==> flow/design.v <==
module dp_barrel_blk (i_clk, RST, d, shamt, dout);
   parameter WIDTH = 80;
   localparam SEL_WIDTH = $clog2(WIDTH);
   input i_clk;
   input RST;
   input [WIDTH-1:0] d;
   input [SEL_WIDTH-1:0] shamt;
   output reg [WIDTH-1:0] dout;
   reg [WIDTH-1:0] d_q;
   reg [SEL_WIDTH-1:0] shamt_q;
   always @(posedge i_clk) begin
      if (RST) begin
         d_q <= 0;
         shamt_q <= 0;
      end else begin
         d_q <= d;
         shamt_q <= shamt;
      end
   end
   wire [2*WIDTH-1:0] nxt = {d_q, d_q} >> shamt_q;
   always @(posedge i_clk) begin
      if (RST) begin
         dout <= 0;
      end else begin
         dout <= nxt[WIDTH-1:0];
      end
   end
endmodule
-- Tool chain data of dp_barrel_blk
What the tools print for dp_barrel_blk, step after step.
Line numbers count from 1 in the design file above.
Operators carry their Yosys type and port widths (W data, S select, Z words).
Library cell names are shortened.
A cell with - has no value.
- top module: dp_barrel_blk
- clock input: i_clk
- cell library: sky130hd
- corner: tt_025C_1v80

-- After elaboration
Yosys after proc, flatten, opt, wreduce and memory -nomap, before mapping. Enables and synchronous resets that opt folds into registers are not counted as muxes. Memory bits, and registers merged into a memory's read port (data or address), are not among the register bits. Print and check cells are not counted. Equal cells are merged and count once.
- elaborated cells at 4
- register bits: 167
- noted output and inout port bits: 80
- shifts and indexed selects: 1
- operators by type and width (cell ; number):
    $shr A160 B7 Y80 ; 1

-- Depth
Longest topological path by Yosys (ltp), each cell counted once; first at word level (registers and memories cut), then after technology mapping (sequential cells cut; the memories' decode and read muxes count).
- noted depth after elaboration: 1
- ABC_AREA: 0
- depth in mapped cells: 10
- noted depth with buffers taken out: 6

-- After synthesis
The flow's flattened synthesis, as Yosys stat reports it; memories are mapped. The netlist is that of the ABC_AREA named above (0 if unset); the other value can give another one.
The area totals of this step are shown rounded.
- buffers: 115
- cell count: 1279
- noted mapped area: 12600 µm²
- noted flip-flops: 167
- cell types (type ; number):
    dfxtp_1 ; 167
    mux4_2 ; 100
    mux2i_1 ; 169
    mux2_2 ; 106
    nor2b_1 ; 88
    nor2_1 ; 122
    nand2_1 ; 80
    clkbuf_1 ; 64
    a22oi_1 ; 30
    o21ai_0 ; 44
    o22ai_1 ; 33
    a21oi_1 ; 39
    o221ai_1 ; 19
    nor3_1 ; 28
    buf_1 ; 27
    a211oi_1 ; 12
    o211ai_1 ; 12
    o32ai_1 ; 10
Other cell types: 44; their cells: 129.

-- Timing after synthesis
OpenSTA on the mapped netlist: ideal clock, no wires. The path of least setup slack (recovery checks aside). Input and output delay are each 20% of the period. Register names are those of the netlist, which keeps one name where synthesis merged equal registers.
- kind: register to register
- start point: register shamt_q[3]
- end point: register dout[60]
- noted period: 3.24 ns
- noted required time: 3.118 ns
- driving pins on the path at 8
- noted time at the first pin: 0.000 ns
- path slack at 0.649 ns
- path delay at 2.592 ns
- noted library setup time: 0.122 ns
- arrival time: 2.470 ns
- noted synthesis period reached: 2.591 ns
"path delay" = arrival - input delay + setup time.
"driving pins on the path" counts driving pins, that of a launching flip-flop among them; a cell with two outputs on the path counts twice.
"synthesis period reached" is the clock period less the worst setup slack; recovery checks do not enter. This is arithmetic on one report: input and output delays are still those of the set period (20% each).
Between the ends stands the longest chain of elaborated cells between them, by number of cells; it is not shown to be the way that was timed. Of several equally long chains one is given.
A line is the first line of the expression or statement that the cell stems from. Yosys adds cells for indexed reads and writes and turns some case tables into memories.
- path through: dfxtp_1 -> buf_2 -> buf_2 -> clkbuf_1 -> mux4_2 -> mux2_2 -> mux4_2 -> a221o_1
- noted cells in the longest elaborated chain: 1
- noted elaborated cells on any way between the ends: 1
- noted source lines of those cells: 1
- those cells by class: shift (1)
- RTL lines, path post-synthesis (element ; RTL line ; source):
    start: declaration ; 10 ; reg [SEL_WIDTH-1:0] shamt_q;
    start: assignment ; 14 ; shamt_q <= 0;
    start: assignment ; 17 ; shamt_q <= shamt;
    $shr A160 B7 Y80 ; 20 ; wire [2*WIDTH-1:0] nxt = {d_q, d_q} >> shamt_q;
    end: assignment ; 23 ; dout <= 0;
    end: assignment ; 25 ; dout <= nxt[WIDTH-1:0];
    end: declaration ; 8 ; output reg [WIDTH-1:0] dout;

-- Timing after layout
Path of least setup slack in the final report of record 1 (OpenROAD, finished layout, wires in). Where an end is a register, its clock arrival counts in the times.
- kind: register to register
- start point: register shamt_q[1]
- end point: register dout[8]
- driving pins on the path at 8
- noted time at the first pin: 0.45 ns
- noted library setup time: 0.12 ns
- path slack at 0.32 ns
- noted required time: 3.56 ns
- noted period: 3.24 ns
- arrival time: 3.25 ns
Between the ends stands the longest chain of elaborated cells between them, by number of cells; it is not shown to be the way that was timed. Of several equally long chains one is given.
- path through: dfxtp_4 -> buf_12 -> mux4_2 -> mux2_2 -> mux2i_1 -> mux2i_1 -> a222oi_1 -> nand2_1
- noted cells in the longest elaborated chain: 1
- noted elaborated cells on any way between the ends: 1
- noted source lines of those cells: 1
- those cells by class: shift (1)
- RTL lines, path post-layout (element ; RTL line ; source):
    start: declaration ; 10 ; reg [SEL_WIDTH-1:0] shamt_q;
    start: assignment ; 14 ; shamt_q <= 0;
    start: assignment ; 17 ; shamt_q <= shamt;
    $shr A160 B7 Y80 ; 20 ; wire [2*WIDTH-1:0] nxt = {d_q, d_q} >> shamt_q;
    end: assignment ; 23 ; dout <= 0;
    end: assignment ; 25 ; dout <= nxt[WIDTH-1:0];
    end: declaration ; 8 ; output reg [WIDTH-1:0] dout;

Data sheet: physical implementation of dp_barrel_blk

3 stored runs of dp_barrel_blk in the flow (synthesis by Yosys, layout by OpenROAD, sky130hd cells), in arbitrary order. Constraints: input delay and output delay 20% of the set period each, output load 0.01 pF.
Values from the reports are rounded here.

Record 1
Settings were period_ns = 3.24; CAP_MARGIN = 20; CORE_MARGIN = 2; CORE_UTILIZATION = 40; SLEW_MARGIN = 20
- noted the cell area after synthesis: 12600 µm²
- standard-cell area of the final layout: 15400 µm²
- total negative setup slack: 0.000 ns
- noted the area inside the die boundary: 32800 µm²
- noted the setup slack of the worst path: 0.316 ns

Record 2
Settings were period_ns = 2.05; CORE_UTILIZATION = 26; PLACE_DENSITY_LB_ADDON = 0.05; HOLD_SLACK_MARGIN = 0.27; CORE_ASPECT_RATIO = 0.73; CELL_PAD_IN_SITES_GLOBAL_PLACEMENT = 3; CAP_MARGIN = 20; SLEW_MARGIN = 20; CORE_MARGIN = 2
- noted the cell area after synthesis: 12600 µm²
- standard-cell area of the final layout: 20100 µm²
- total negative setup slack: -35.7 ns
- noted the area inside the die boundary: 50100 µm²
- noted the setup slack of the worst path: -0.578 ns

Record 3
Settings were period_ns = 4.99; CORE_UTILIZATION = 23; PLACE_DENSITY_LB_ADDON = 0.28; HOLD_SLACK_MARGIN = 0.06; CORE_ASPECT_RATIO = 1.11; CORE_MARGIN = 8; CELL_PAD_IN_SITES_GLOBAL_PLACEMENT = 1; TNS_END_PERCENT = 40; CTS_CLUSTER_DIAMETER = 324; MAX_ROUTING_LAYER = met5; CAP_MARGIN = 20; SLEW_MARGIN = 20
- noted the cell area after synthesis: 12600 µm²
- standard-cell area of the final layout: 15600 µm²
- total negative setup slack: 0.000 ns
- noted the area inside the die boundary: 62300 µm²
- noted the setup slack of the worst path: 1.52 ns
